==> flow/design.v <==
module alu_summer_top #(
   parameter int BITS = 112
) (
   input  logic clk,
   input  logic [BITS-1:0] x,
   input  logic [BITS-1:0] y,
   input  logic c0,
   output logic [BITS-1:0] q,
   output logic cout
);
   logic [BITS-1:0] r_x;
   always_ff @(posedge clk) begin
      r_x <= x;
   end
   logic [BITS-1:0] r_y;
   always_ff @(posedge clk) begin
      r_y <= y;
   end
   logic r_c0;
   always_ff @(posedge clk) begin
      r_c0 <= c0;
   end
   logic [BITS:0] r;
   assign r = r_x + r_y + r_c0;
   always_ff @(posedge clk) begin
      q <= r[BITS-1:0];
   end
   always_ff @(posedge clk) begin
      cout <= r[BITS];
   end
endmodule
# [Tool chain data of alu_summer_top]
# Tool output for the design above, in the order of the flow.
# Line numbers count from 1 in the design file above.
# Library cell names are shortened.
# The mark n/a stands for no value.
[inputs] top="alu_summer_top" clock_port="clk" cell_library="sky130hd" lib_corner="tt_025C_1v80"

# [Elaborated design]
# Source: Yosys, flattened and elaborated, memories not mapped. Widths are those after wreduce; folded enables and synchronous resets count as part of the registers. Registers that Yosys merges into a memory's read port (data or address) are not register bits. Print and check cells do not count. Equal cells are merged and count once.
[word_totals] register_bits=338 input_bits=226 elab_cells=7
[op_classes] add_sub_neg=2
[op_table] op="112-bit by 112-bit adder with 113-bit output" count=1
[op_table] op="113-bit by 1-bit adder with 113-bit output" count=1

# [Logic depth]
# Yosys ltp: most cells in a row. Word level: on the elaborated netlist, between registers, memories and ports. Mapped: between sequential cells and ports; inverters and the memories' decode and read muxes count.
[logic_depth] ltp_word=2 ABC_AREA=1 depth_mapped=15 depth_no_buf=15

# [Synthesis result]
# Source: synth_stat.txt of the flow (Yosys; design flattened, memories mapped). It holds for the ABC_AREA given above (unset counts as 0); a run with the other value may have another netlist.
# The area totals of this step are shown rounded.
[mapped] stdcells=2941 mapped_area_um2=18600 seq_area_um2=6770 ffs=338 buffers=0
[by_type] cell="dfxtp_1" count=338 area_total_um2=6766.49
[by_type] cell="nand2_1" count=1192 area_total_um2=4.47E+03
[by_type] cell="inv_1" count=653 area_total_um2=2.45E+03
[by_type] cell="ha_1" count=111 area_total_um2=1.39E+03
[by_type] cell="nor2_1" count=221 area_total_um2=829.546
[by_type] cell="nand3_1" count=105 area_total_um2=525.504
[by_type] cell="a21oi_1" count=87 area_total_um2=435.418
[by_type] cell="xor2_1" count=48 area_total_um2=420.403
[by_type] cell="nand4_1" count=33 area_total_um2=206.448
[by_type] cell="nor2_2" count=26 area_total_um2=162.656
[by_type] cell="nand3_2" count=15 area_total_um2=150.144
[by_type] cell="xnor2_1" count=15 area_total_um2=131.376
[by_type] cell="nor4_2" count=8 area_total_um2=100.096
[by_type] cell="inv_2" count=20 area_total_um2=75.072
[by_type] cell="o21ai_0" count=15 area_total_um2=75.072
[by_type] cell="nor3_2" count=7 area_total_um2=70.067
[by_type] cell="o21bai_1" count=8 area_total_um2=60.058
[by_type] cell="nand2_2" count=9 area_total_um2=56.304
# Not listed: further types 12, cells in them 30.

# [Timing after synthesis]
# Path of least setup slack by OpenSTA after synthesis, without wires, with an ideal clock, recovery checks aside; 20% of the period is set as input and as output delay. Where synthesis merged equal registers, the netlist keeps one of their names.
[synth_path] path_kind="register to register" startpoint="register r_x[0]" endpoint="register q[64]" period_ps=3940 t_arrival_ps=2093 path_slack_ps=1727 delay_ps=2213 path_stages=14 period_less_setup_slack_ps=2213
# "delay_ps" is the arrival time less input delay plus setup time.
# "path_stages" counts driving pins, that of a launching flip-flop among them; a cell with two outputs on the path counts twice.
# "period_less_setup_slack_ps" is the clock period less the worst setup slack; recovery checks do not enter. This is arithmetic on one report: input and output delays are still those of the set period (20% each).
# Between the ends stands the longest chain of elaborated cells between them, by number of cells; it is not shown to be the way that was timed. Of several equally long chains one is given.
# Each line given opens the expression or statement behind the cell; cells for indexed reads and writes are added by Yosys, which also makes memories of some case tables.
[synth_via] path_cell_list="dfxtp_1 -> fa_1 -> fa_1 -> nand3_1 -> nand3_1 -> nand2_1 -> nand2_1 -> nand2_1 -> nand2_1 -> nand2_1 -> nand2_1 -> nand2_1 -> nand3_1 -> xor2_1" elab_chain_len=2 cells_between=2 lines_between=1 classes_between="2 x add/sub"
[synth_rtl] element="start: declaration" line=11 rtl="logic [BITS-1:0] r_x;"
[synth_rtl] element="start: assignment" line=13 rtl="r_x <= x;"
[synth_rtl] element="112-bit by 112-bit adder with 113-bit output" line=24 rtl="assign r = r_x + r_y + r_c0;"
[synth_rtl] element="113-bit by 1-bit adder with 113-bit output" line=24
[synth_rtl] element="end: assignment" line=26 rtl="q <= r[BITS-1:0];"
[synth_rtl] element="end: declaration" line=8 rtl="output logic [BITS-1:0] q,"

# [Timing after layout]
# From the final timing report of run 1: the path of least setup slack in the routed layout; clock arrival at registers is part of the times.
# The report prints the path's times to 10 ps; the period is as set.
[layout_path] path_kind="register to register" startpoint="register r_x[91]" endpoint="register q[98]" period_ps=2490 t_arrival_ps=2990 path_slack_ps=20 path_stages=12
# Between the ends stands the longest chain of elaborated cells between them, by number of cells; it is not shown to be the way that was timed. Of several equally long chains one is given.
[layout_via] path_cell_list="dfxtp_1 -> ha_1 -> nand2_1 -> nand2_1 -> nand2_1 -> nand3_1 -> a21oi_1 -> o21ai_0 -> a21oi_1 -> nand3_1 -> nand2_1 -> nand2_1" elab_chain_len=2 cells_between=2 lines_between=1 classes_between="2 x add/sub"
[layout_rtl] element="start: declaration" line=11 rtl="logic [BITS-1:0] r_x;"
[layout_rtl] element="start: assignment" line=13 rtl="r_x <= x;"
[layout_rtl] element="112-bit by 112-bit adder with 113-bit output" line=24 rtl="assign r = r_x + r_y + r_c0;"
[layout_rtl] element="113-bit by 1-bit adder with 113-bit output" line=24
[layout_rtl] element="end: assignment" line=26 rtl="q <= r[BITS-1:0];"
[layout_rtl] element="end: declaration" line=8 rtl="output logic [BITS-1:0] q,"

Ticket comment

Record of 3 stored runs of the RTL-to-layout flow on alu_summer_top, platform sky130hd. The runs are unordered. Constraints: input delay and output delay 20% of the set period each, output load 0.01 pF.
"achieved clock period" = clock period - worst setup slack. The figure is calculated, with input and output delays left at 20% of the set period.
"worst setup path time" means the part of the period allowed to the worst setup path (the constraints hold back 20% at inputs and 20% at outputs) less its slack; where the path has registers, the arrival times of their clocks count too.
"power": no workload was simulated; the value follows from the tool's default switching activity.
"worst setup path time" is known to 10 ps.
Values from the reports are rounded here.
[run 1] settings: period_ns=2.49, CORE_UTILIZATION=49, SETUP_SLACK_MARGIN=0.07, PLACE_DENSITY_LB_ADDON=0.15, CORE_ASPECT_RATIO=0.53, ABC_AREA=1, CTS_CLUSTER_DIAMETER=194, SLEW_MARGIN=25, MAX_ROUTING_LAYER=met5, CAP_MARGIN=20, CORE_MARGIN=2
[run 1] result: chip area after synthesis (Yosys) 18600 um^2, die area 39600 um^2, standard-cell area of the final layout 24900 um^2, utilization 0.672, worst setup slack after layout 21 ps, total negative slack 0 ps, worst hold slack 311 ps, power 16.6 mW, achieved clock period 2469 ps, worst setup path time 2470 ps, worst setup path kind register to register
[run 2] settings: period_ns=3.94, CAP_MARGIN=20, CORE_MARGIN=2, CORE_UTILIZATION=40, SLEW_MARGIN=20
[run 2] result: chip area after synthesis (Yosys) 14400 um^2, die area 37500 um^2, standard-cell area of the final layout 19300 um^2, utilization 0.543, worst setup slack after layout 341 ps, total negative slack 0 ps, worst hold slack 498 ps, power 9.69 mW, achieved clock period 3599 ps, worst setup path time 3600 ps, worst setup path kind register to register
[run 3] settings: period_ns=5.26, CORE_UTILIZATION=47, PLACE_DENSITY_LB_ADDON=0.28, CORE_MARGIN=9, CELL_PAD_IN_SITES_DETAIL_PLACEMENT=1, GPL_TIMING_DRIVEN=1, GPL_ROUTABILITY_DRIVEN=1, CTS_CLUSTER_SIZE=79, CTS_CLUSTER_DIAMETER=186, CAP_MARGIN=5, SLEW_MARGIN=10, MAX_ROUTING_LAYER=met4
[run 3] result: chip area after synthesis (Yosys) 14400 um^2, die area 37200 um^2, standard-cell area of the final layout 18200 um^2, utilization 0.611, worst setup slack after layout 1440 ps, total negative slack 0 ps, worst hold slack 546 ps, power 5.89 mW, achieved clock period 3824 ps, worst setup path time 3820 ps, worst setup path kind register to register
